==> flow/design.v <==
module mul_unit_mul_part #(parameter N = 4) (
  input logic [N-1:0] a,
  input logic [N-1:0] b,
  output logic [2*N-1:0] p
);
  assign p = a * b;
endmodule
module mul_unit #(
  parameter int DW = 6
) (
  input  logic CLK,
  input  logic clr,
  input  logic [DW-1:0] lhs_in,
  input  logic [DW-1:0] rhs_in,
  output logic [2*DW-1:0] m_out
);
  logic [DW-1:0] lhs_s;
  always_ff @(posedge CLK) begin
    if (clr) begin
      lhs_s <= '0;
    end else begin
      lhs_s <= lhs_in;
    end
  end
  logic [DW-1:0] rhs_s;
  always_ff @(posedge CLK) begin
    if (clr) begin
      rhs_s <= '0;
    end else begin
      rhs_s <= rhs_in;
    end
  end
  localparam int HW = DW / 2;
  logic [DW-1:0] ll;
  mul_unit_mul_part #(.N(HW)) inst (.a(lhs_s[HW-1:0]), .b(rhs_s[HW-1:0]), .p(ll));
  logic [DW-1:0] lh;
  mul_unit_mul_part #(.N(HW)) el (.a(lhs_s[HW-1:0]), .b(rhs_s[DW-1:HW]), .p(lh));
  logic [DW-1:0] hl;
  mul_unit_mul_part #(.N(HW)) i_sub (.a(lhs_s[DW-1:HW]), .b(rhs_s[HW-1:0]), .p(hl));
  logic [DW-1:0] hh;
  mul_unit_mul_part #(.N(HW)) unit (.a(lhs_s[DW-1:HW]), .b(rhs_s[DW-1:HW]), .p(hh));
  logic [DW:0] mid;
  assign mid = lh + hl;
  always_ff @(posedge CLK) begin
    if (clr) begin
      m_out <= '0;
    end else begin
      m_out <= {hh, ll} + {mid, {HW{1'b0}}};
    end
  end
endmodule
Reports on mul_unit
Tool output for the design above, in the order of the flow.
Line numbers count from 1 in the design file above.
Operators: Yosys type, input widths -> output width; for muxes data width and select width s.
Cell names lack the library's common part.
{"block": "inputs", "top_module": "mul_unit", "clock": "CLK", "library": "sky130hd", "corner": "tt_025C_1v80"}

Word level
Yosys after proc, flatten, opt, wreduce and memory -nomap, before mapping. Enables and synchronous resets that opt folds into registers are not counted as muxes. Memory bits, and registers merged into a memory's read port (data or address), are not among the register bits. Print and check cells are not counted. Equal cells are merged and count once.
{"block": "word_totals", "ff_bits": 24, "latch_bits": 0, "ram_bits": 0, "mem_bits_ro": 0, "clocked_rd_ports_x_width": 0, "mem_count": 0}
{"block": "classes", "n_addsub": 2, "mul": 4, "div_mod_pow": 0, "compare": 0, "eq_ne": 0, "n_shift": 0, "n_mux": 0, "bitwise": 0, "n_reduce_logical": 0}
{"block": "op_table", "op": "$mul 3x3->6", "n": 4}
{"block": "op_table", "op": "$add 12x10->12", "n": 1}
{"block": "op_table", "op": "$add 6x6->7", "n": 1}

Logic depth
Depth = most cells in a row (Yosys ltp): at word level without a register or memory, in the mapped netlist without a sequential cell, where the memories' decode and read muxes count.
{"block": "depth", "ltp_word": 3, "ABC_AREA": 0, "mapped_depth": 17, "mapped_depth_nobuf": 17}

Netlist
The flow's flattened synthesis, as Yosys stat reports it; memories are mapped. The netlist is that of the ABC_AREA named above (0 if unset); the other value can give another one.
{"block": "mapped", "mapped_cells": 208, "synth_area_um2": 1908.1, "seqArea_um2": 480.5, "ffs": 24, "n_buf": 4}
{"block": "by_type", "cell_type": "dfxtp_1", "n": 24, "type_area_um2": 480.461}
{"block": "by_type", "cell_type": "ha_1", "n": 28, "type_area_um2": 350.336}
{"block": "by_type", "cell_type": "fa_1", "n": 14, "type_area_um2": 280.269}
{"block": "by_type", "cell_type": "and2_1", "n": 26, "type_area_um2": 162.656}
{"block": "by_type", "cell_type": "nor2b_1", "n": 17, "type_area_um2": 106.352}
{"block": "by_type", "cell_type": "inv_1", "n": 25, "type_area_um2": 93.84}
{"block": "by_type", "cell_type": "nand2_1", "n": 15, "type_area_um2": 56.304}
{"block": "by_type", "cell_type": "nor2_1", "n": 11, "type_area_um2": 41.29}
{"block": "by_type", "cell_type": "a211oi_1", "n": 4, "type_area_um2": 30.029}
{"block": "by_type", "cell_type": "a21o_1", "n": 4, "type_area_um2": 30.029}
{"block": "by_type", "cell_type": "xor2_1", "n": 3, "type_area_um2": 26.275}
{"block": "by_type", "cell_type": "a21oi_1", "n": 4, "type_area_um2": 20.019}
{"block": "by_type", "cell_type": "o21ai_0", "n": 4, "type_area_um2": 20.019}
{"block": "by_type", "cell_type": "or4b_1", "n": 2, "type_area_um2": 20.019}
{"block": "by_type", "cell_type": "nand2b_1", "n": 3, "type_area_um2": 18.768}
{"block": "by_type", "cell_type": "nor4b_1", "n": 2, "type_area_um2": 17.517}
{"block": "by_type", "cell_type": "xnor2_1", "n": 2, "type_area_um2": 17.517}
{"block": "by_type", "cell_type": "nor3_1", "n": 3, "type_area_um2": 15.014}
Other cell types: 14; their cells: 17.
By module: a second synthesis without flattening, with its own total; a netlist apart from the flattened one above.
{"block": "hier_totals", "hier_cells": 213, "hier_area_um2": 1964.4}
Each row is one instance without its submodules.
{"block": "by_module", "mod": "mul_unit", "n_inst": 1, "n_cells": 117, "area_um2": 1178.6, "seq_area_um2": 480.5}
{"block": "by_module", "mod": "mul_unit_mul_part #(N=3)", "n_inst": 4, "n_cells": 24, "area_um2": 196.4, "seq_area_um2": 0.0}

Path before layout
OpenSTA on the mapped netlist: ideal clock, no wires. The path of least setup slack (recovery checks aside). Input and output delay are each 20% of the period. Register names are those of the netlist, which keeps one name where synthesis merged equal registers.
{"block": "synth_path", "path_kind": "register to register", "startpoint": "reg lhs_s[0]", "endpoint": "reg m_out[10]", "period_ns": 5.11, "setup_ns": 0.059, "launch_ns": 0.000, "arrival_ns": 4.026, "required_time_ns": 5.051, "path_slack_ns": 1.025, "path_delay_ns": 4.085, "driving_pins": 18, "period_less_setup_slack_ns": 4.085}
"path_delay_ns" = arrival - input delay + setup time.
"driving_pins": output pins that drive a net of the path, with the launching flip-flop's if there is one; two outputs of one cell count as two.
"period_less_setup_slack_ns" is the clock period less the worst setup slack; recovery checks do not enter. This is arithmetic on one report: input and output delays are still those of the set period (20% each).
Between the ends stands the longest chain of elaborated cells between them, by number of cells; it is not shown to be the way that was timed. Of several equally long chains one is given.
A line is the first line of the expression or statement that the cell stems from. Yosys adds cells for indexed reads and writes and turns some case tables into memories.
{"block": "synth_between", "path_cell_list": "dfxtp_1 and2_1 fa_1 inv_1 fa_1 inv_1 fa_1 ha_1 inv_1 fa_1 nor2b_1 o21ai_0 nand2b_1 ha_1 a21oi_2 o21ai_0 or4b_1 nand2_1", "elab_chain_len": 3, "cells_between": 4, "cone_classes": "2 x add/sub; 2 x mul"}
{"block": "synth_lines", "item": "from (decl)", "line_no": 17, "text": "logic [DW-1:0] lhs_s;"}
{"block": "synth_lines", "item": "from (assign)", "line_no": 20, "text": "lhs_s <= '0;"}
{"block": "synth_lines", "item": "from (assign)", "line_no": 22, "text": "lhs_s <= lhs_in;"}
{"block": "synth_lines", "item": "$mul 3x3->6", "line_no": 6, "text": "assign p = a * b;"}
{"block": "synth_lines", "item": "$add 6x6->7", "line_no": 43, "text": "assign mid = lh + hl;"}
{"block": "synth_lines", "item": "$add 12x10->12", "line_no": 48, "text": "m_out <= {hh, ll} + {mid, {HW{1'b0}}};"}
{"block": "synth_lines", "item": "to (assign)", "line_no": 46, "text": "m_out <= '0;"}
{"block": "synth_lines", "item": "to (assign)", "line_no": 48}
{"block": "synth_lines", "item": "to (decl)", "line_no": 15, "text": "output logic [2*DW-1:0] m_out"}

Timing after layout
From the final timing report of entry A: the path of least setup slack in the routed layout; clock arrival at registers is part of the times.
{"block": "layout_path", "path_kind": "register to register", "startpoint": "reg rhs_s[1]", "endpoint": "reg m_out[10]", "period_ns": 3.94, "setup_ns": 0.05, "launch_ns": 0.28, "arrival_ns": 4.32, "required_time_ns": 4.17, "path_slack_ns": -0.15, "driving_pins": 17}
Between the ends stands the longest chain of elaborated cells between them, by number of cells; it is not shown to be the way that was timed. Of several equally long chains one is given.
{"block": "layout_between", "path_cell_list": "dfxtp_2 and2_1 ha_1 fa_1 inv_1 fa_1 inv_1 ha_1 a21o_1 a21oi_2 xnor2_1 ha_1 buf_4 nand2_1 o21ai_2 or4b_1 nand2_1", "elab_chain_len": 3, "cells_between": 4, "cone_classes": "2 x add/sub; 2 x mul"}
{"block": "layout_lines", "item": "from (decl)", "line_no": 25, "text": "logic [DW-1:0] rhs_s;"}
{"block": "layout_lines", "item": "from (assign)", "line_no": 28, "text": "rhs_s <= '0;"}
{"block": "layout_lines", "item": "from (assign)", "line_no": 30, "text": "rhs_s <= rhs_in;"}
{"block": "layout_lines", "item": "$mul 3x3->6", "line_no": 6, "text": "assign p = a * b;"}
{"block": "layout_lines", "item": "$add 6x6->7", "line_no": 43, "text": "assign mid = lh + hl;"}
{"block": "layout_lines", "item": "$add 12x10->12", "line_no": 48, "text": "m_out <= {hh, ll} + {mid, {HW{1'b0}}};"}
{"block": "layout_lines", "item": "to (assign)", "line_no": 46, "text": "m_out <= '0;"}
{"block": "layout_lines", "item": "to (assign)", "line_no": 48}
{"block": "layout_lines", "item": "to (decl)", "line_no": 15, "text": "output logic [2*DW-1:0] m_out"}

==> results <==
Stored flow runs of mul_unit (3 of them; Yosys, OpenROAD, sky130hd). They differ in their settings and are not a sequence. Constraints: input delay and output delay 20% of the set period each, output load 0.01 pF.
"period_less_ws_ns" is the run's clock period less its worst setup slack. It is reckoned from that one timing run; input and output delays stay at 20% of the period that was set.
"worst_path_ns" means the part of the period allowed to the worst setup path (the constraints hold back 20% at inputs and 20% at outputs) less its slack; where the path has registers, the arrival times of their clocks count too.
"total_power_mw": no workload was simulated; the value follows from the tool's default switching activity.

Entry A
==> flow/run.sh <==
#!/bin/bash
# the make line also repeats the synthesis and layout settings of config.mk as NAME=value (left out here)
make -C /OpenROAD-flow-scripts/flow DESIGN_CONFIG=/design/flow/config.mk WORK_HOME=/design/flow/orfs CLKGATE_MAP_FILE= finish
==> flow/config.mk <==
export PLATFORM = sky130hd
export DESIGN_NAME = mul_unit
export DESIGN_NICKNAME = mul_unit
export VERILOG_FILES = /design/flow/design.v
export SDC_FILE = /design/flow/constraint.sdc
export NUM_CORES = 4
export LEC_CHECK = 0
export ABC_AREA = 0
export CAP_MARGIN = 20
export CELL_PAD_IN_SITES_GLOBAL_PLACEMENT = 1
export CORE_ASPECT_RATIO = 0.66
export CORE_MARGIN = 2
export CORE_UTILIZATION = 35
export MAX_ROUTING_LAYER = met5
export MIN_ROUTING_LAYER = met2
export PLACE_DENSITY_LB_ADDON = 0.02
export SETUP_SLACK_MARGIN = 1.16
export SLEW_MARGIN = 20
export TNS_END_PERCENT = 50
==> flow/constraint.sdc <==
create_clock -name core_clock -period 3.94 [get_ports {CLK}]
set_input_delay 0.7880 -clock core_clock [delete_from_list [all_inputs] [get_ports {CLK}]]
set_output_delay 0.7880 -clock core_clock [all_outputs]
set_load 0.01 [all_outputs]

==> results of entry A, as JSON <==
{
  "worst_path_ns": 4.09,
  "timing.worst_path_kind": "register to register",
  "worstSetupSlack_ns": -0.148,
  "die_footprint_um2": 6071.2,
  "period_less_ws_ns": 4.088,
  "setupTns_ns": -0.391,
  "total_power_mw": 0.6587,
  "final_util_frac": 0.507,
  "final_stdcell_area_um2": 2611.2,
  "post_synth_area_um2": 1908.1,
  "holdWs_ns": 0.596
}

Entry B
==> flow/run.sh <==
#!/bin/bash
# the make line also repeats the synthesis and layout settings of config.mk as NAME=value (left out here)
make -C /OpenROAD-flow-scripts/flow DESIGN_CONFIG=/design/flow/config.mk WORK_HOME=/design/flow/orfs CLKGATE_MAP_FILE= finish
==> flow/config.mk <==
export PLATFORM = sky130hd
export DESIGN_NAME = mul_unit
export DESIGN_NICKNAME = mul_unit
export VERILOG_FILES = /design/flow/design.v
export SDC_FILE = /design/flow/constraint.sdc
export NUM_CORES = 4
export LEC_CHECK = 0
export CAP_MARGIN = 20
export CORE_MARGIN = 2
export CORE_UTILIZATION = 40
export SLEW_MARGIN = 20
==> flow/constraint.sdc <==
create_clock -name core_clock -period 5.11 [get_ports {CLK}]
set_input_delay 1.0220 -clock core_clock [delete_from_list [all_inputs] [get_ports {CLK}]]
set_output_delay 1.0220 -clock core_clock [all_outputs]
set_load 0.01 [all_outputs]

==> results of entry B, as JSON <==
{
  "worst_path_ns": 4.29,
  "timing.worst_path_kind": "register to register",
  "worstSetupSlack_ns": 0.819,
  "die_footprint_um2": 5338.5,
  "period_less_ws_ns": 4.291,
  "setupTns_ns": 0.000,
  "total_power_mw": 0.4237,
  "final_util_frac": 0.485,
  "final_stdcell_area_um2": 2258.4,
  "post_synth_area_um2": 1908.1,
  "holdWs_ns": 0.492
}

Entry C
==> flow/run.sh <==
#!/bin/bash
# the make line also repeats the synthesis and layout settings of config.mk as NAME=value (left out here)
make -C /OpenROAD-flow-scripts/flow DESIGN_CONFIG=/design/flow/config.mk WORK_HOME=/design/flow/orfs CLKGATE_MAP_FILE= finish
==> flow/config.mk <==
export PLATFORM = sky130hd
export DESIGN_NAME = mul_unit
export DESIGN_NICKNAME = mul_unit
export VERILOG_FILES = /design/flow/design.v
export SDC_FILE = /design/flow/constraint.sdc
export NUM_CORES = 4
export LEC_CHECK = 0
export CAP_MARGIN = 30
export CELL_PAD_IN_SITES_DETAIL_PLACEMENT = 0
export CORE_ASPECT_RATIO = 1.29
export CORE_MARGIN = 10
export CORE_UTILIZATION = 54
export CTS_CLUSTER_SIZE = 81
export GPL_TIMING_DRIVEN = 0
export HOLD_SLACK_MARGIN = 0.16
export PLACE_DENSITY_LB_ADDON = 0.04
export SETUP_SLACK_MARGIN = 0.45
export SLEW_MARGIN = 20
==> flow/constraint.sdc <==
create_clock -name core_clock -period 4.37 [get_ports {CLK}]
set_input_delay 0.8740 -clock core_clock [delete_from_list [all_inputs] [get_ports {CLK}]]
set_output_delay 0.8740 -clock core_clock [all_outputs]
set_load 0.01 [all_outputs]

==> results of entry C, as JSON <==
{
  "worst_path_ns": 4.13,
  "timing.worst_path_kind": "register to register",
  "worstSetupSlack_ns": 0.236,
  "die_footprint_um2": 6330.4,
  "period_less_ws_ns": 4.134,
  "setupTns_ns": 0.000,
  "total_power_mw": 0.5218,
  "final_util_frac": 0.711,
  "final_stdcell_area_um2": 2411.1,
  "post_synth_area_um2": 1908.1,
  "holdWs_ns": 0.479
}
